==> flow/design.v <==
module gen_chooser_v2 #(
  parameter integer XLEN = 8,
  parameter integer WAYS = 7,
  parameter integer LOGN = $clog2(WAYS)
) (
  input  CLK,
  input  [WAYS*XLEN-1:0] src,
  input  [LOGN-1:0] select,
  output [XLEN-1:0] result
);
  reg [WAYS*XLEN-1:0] r_src;
  reg [LOGN-1:0] r_select;
  reg [XLEN-1:0] nxt;
  integer i;
  always @(*) begin
    nxt = 0;
    for (i = 0; i < WAYS; i = i + 1)
      if (r_select == i) nxt = r_src[i*XLEN +: XLEN];
  end
  reg [XLEN-1:0] r_result;
  assign result = r_result;
  always @(posedge CLK) begin
    r_src <= src;
    r_select <= select;
    r_result <= nxt;
  end
endmodule
From RTL to reports: gen_chooser_v2
What the tools print for gen_chooser_v2, step after step.
Lines are those of the file above, counted from 1.
Cell names lack the library's common part.
{ "inputs": {"top": "gen_chooser_v2", "clock": "CLK", "cell_library": "sky130hd", "corner": "tt_025C_1v80"} }

After elaboration
Counts by Yosys on the flattened word-level netlist (proc, flatten, opt, wreduce; memories kept). Register bits leave out memories and registers merged into their read ports (data or address); mux counts leave out enables and synchronous resets folded into registers. Print and check cells are left out. Cells with the same type and inputs are merged into one.
{ "word_totals": {"ff_bits": 67, "inputBits": 60, "output_inout_bits": 8, "elab_cells": 17} }
{ "op_classes": {"n_eq": 6, "mux": 7, "reduce_and_logical": 1} }
{ "op_table": {"columns": ["cell", "count"], "rows": [
  ["2-to-1 mux 8 bit", 7],
  ["equality test 3 bit (second input constant)", 3],
  ["equality test 3 x 2 -> 1 bit (second input constant)", 2],
  ["equality test 3 x 1 -> 1 bit (second input constant)", 1],
  ["logical NOT 3 bit", 1]
]} }

Depth
Longest topological path by Yosys (ltp), each cell counted once; first at word level (registers and memories cut), then after technology mapping (sequential cells cut; the memories' decode and read muxes count).
{ "logic_depth": {"ltp_word": 8, "abc_area": 0, "ltp_mapped": 5, "ltp_nobuf": 3} }

Mapped cells and area
Source: synth_stat.txt of the flow (Yosys; design flattened, memories mapped). It holds for the ABC_AREA given above (unset counts as 0); a run with the other value may have another netlist.
{ "types": {"columns": ["cell_type", "count"], "rows": [
  ["dfxtp_1", 67],
  ["mux2i_1", 8],
  ["mux2_2", 6],
  ["mux4_1", 2],
  ["a2111oi_0", 5],
  ["a311oi_1", 5],
  ["and2b_1", 5],
  ["o22ai_1", 5],
  ["buf_8", 2],
  ["buf_6", 2],
  ["mux4_2", 1],
  ["nand2_1", 5],
  ["or2_2", 3],
  ["a2bb2oi_1", 2],
  ["or2_0", 2],
  ["a21oi_1", 2],
  ["buf_2", 2],
  ["o2bb2ai_1", 1]
]} }
Other cell types: 5; their cells: 6.
{ "synth_totals": {"mapped_cells": 131, "yosys_area_um2": 1900.6, "ff_cells": 67} }

Worst setup path after synthesis
OpenSTA on the mapped netlist: ideal clock, no wires. The path of least setup slack (recovery checks aside). Input and output delay are each 20% of the period. Register names are those of the netlist, which keeps one name where synthesis merged equal registers.
{ "synth_timing": {"kind": "register to register", "start": "register r_select[0]", "end": "register r_result[5]", "tclk_ns": 1.6, "launch_ns": 0.000, "t_arrival_ns": 1.159, "t_required_ns": 1.479, "slack_ns": 0.320, "path_delay_ns": 1.280, "stages": 4, "period_less_setup_slack_ns": 1.28} }
"path_delay_ns" is the arrival time less input delay plus setup time.
"stages" counts driving pins, that of a launching flip-flop among them; a cell with two outputs on the path counts twice.
"period_less_setup_slack_ns" is the clock period less the worst setup slack; recovery checks do not enter. This is arithmetic on one report: input and output delays are still those of the set period (20% each).
Between the ends stands the longest chain of elaborated cells between them, by number of cells; it is not shown to be the way that was timed. Of several equally long chains one is given.
Each line given opens the expression or statement behind the cell; cells for indexed reads and writes are added by Yosys, which also makes memories of some case tables.
{ "synth_between": {"path_cell_list": "dfxtp_1 > buf_6 > mux4_2 > mux2_2", "elab_chain_len": 8, "cells_between": 14, "cone_lines": 1, "classes_between": "eq/ne: 6; mux: 7; reduce/logical: 1"} }
{ "synth_lines": {"columns": ["item", "line", "text"], "rows": [
  ["start: declaration", 12, "reg [LOGN-1:0] r_select;"],
  ["start: assignment", 24, "r_select <= select;"],
  ["logical NOT 3 bit", 18, "if (r_select == i) nxt = r_src[i*XLEN +: XLEN];"],
  ["2-to-1 mux 8 bit (7 in a row)", 18, null],
  ["end: assignment", 25, "r_result <= nxt;"],
  ["end: declaration", 20, "reg [XLEN-1:0] r_result;"]
]} }

Worst path after layout
From the final timing report of record 1: the path of least setup slack in the routed layout; clock arrival at registers is part of the times.
{ "layout_timing": {"kind": "register to register", "start": "register r_select[0]", "end": "register r_result[3]", "tclk_ns": 0.843, "launch_ns": 0.33, "t_arrival_ns": 1.52, "t_required_ns": 1.04, "slack_ns": -0.48, "stages": 5} }
Between the ends stands the longest chain of elaborated cells between them, by number of cells; it is not shown to be the way that was timed. Of several equally long chains one is given.
{ "layout_between": {"path_cell_list": "dfxtp_4 > buf_6 > mux2_2 > o22ai_1 > a311oi_2", "elab_chain_len": 8, "cells_between": 14, "cone_lines": 1, "classes_between": "eq/ne: 6; mux: 7; reduce/logical: 1"} }
{ "layout_lines": {"columns": ["item", "line", "text"], "rows": [
  ["start: declaration", 12, "reg [LOGN-1:0] r_select;"],
  ["start: assignment", 24, "r_select <= select;"],
  ["logical NOT 3 bit", 18, "if (r_select == i) nxt = r_src[i*XLEN +: XLEN];"],
  ["2-to-1 mux 8 bit (7 in a row)", 18, null],
  ["end: assignment", 25, "r_result <= nxt;"],
  ["end: declaration", 20, "reg [XLEN-1:0] r_result;"]
]} }

# Flow runs of gen_chooser_v2

Settings and measured results of 3 stored flow runs for module gen_chooser_v2 (sky130hd), not sorted in any way. The constraints put input and output delay at 20% of the set period each and load the outputs with 0.01 pF.
"achieved clock period (ns)" is the run's clock period less its worst setup slack. It is reckoned from that one timing run; input and output delays stay at 20% of the period that was set.
"worst setup path time (ns)" = time allowed to the worst setup path (clock period - input delay - output delay, where it has them) - its slack; a late launch clock adds to it, a late capture clock takes from it.
"finish__power__total": no workload was simulated; the value follows from the tool's default switching activity.

settings of record 1
{
  "period_ns": 0.843,
  "CORE_UTILIZATION": 46,
  "SETUP_SLACK_MARGIN": 0.2,
  "PLACE_DENSITY": 0.81,
  "HOLD_SLACK_MARGIN": -0.07,
  "CORE_ASPECT_RATIO": 1.46,
  "TNS_END_PERCENT": 65,
  "ABC_AREA": 0,
  "GPL_ROUTABILITY_DRIVEN": 0,
  "CTS_CLUSTER_DIAMETER": 247,
  "SLEW_MARGIN": 15,
  "CAP_MARGIN": 20,
  "CORE_MARGIN": 2
}
report of record 1
yosys chip area after synthesis (um^2): 1900.6
finish__design__die__area: 4670.8
finish__design__instance__utilization: 0.7566
finish__timing__setup__ws: -0.477
finish__timing__setup__tns: -4.140
finish__power__total: 6.708e-03
achieved clock period (ns): 1.320
worst setup path time (ns): 1.32
worst setup path kind: register to register

settings of record 2
{
  "period_ns": 1.6,
  "CAP_MARGIN": 20,
  "CORE_MARGIN": 2,
  "CORE_UTILIZATION": 40,
  "SLEW_MARGIN": 20
}
report of record 2
yosys chip area after synthesis (um^2): 1900.6
finish__design__die__area: 5318.8
finish__design__instance__utilization: 0.6048
finish__timing__setup__ws: 0.114
finish__timing__setup__tns: 0.000
finish__power__total: 3.421e-03
achieved clock period (ns): 1.486
worst setup path time (ns): 1.17
worst setup path kind: register to output

settings of record 3
{
  "period_ns": 0.82,
  "CORE_UTILIZATION": 67,
  "SETUP_SLACK_MARGIN": 0.11,
  "PLACE_DENSITY": 0.84,
  "CAP_MARGIN": 20,
  "CORE_MARGIN": 2,
  "SLEW_MARGIN": 20
}
report of record 3: did not finish, place, DPL-0038
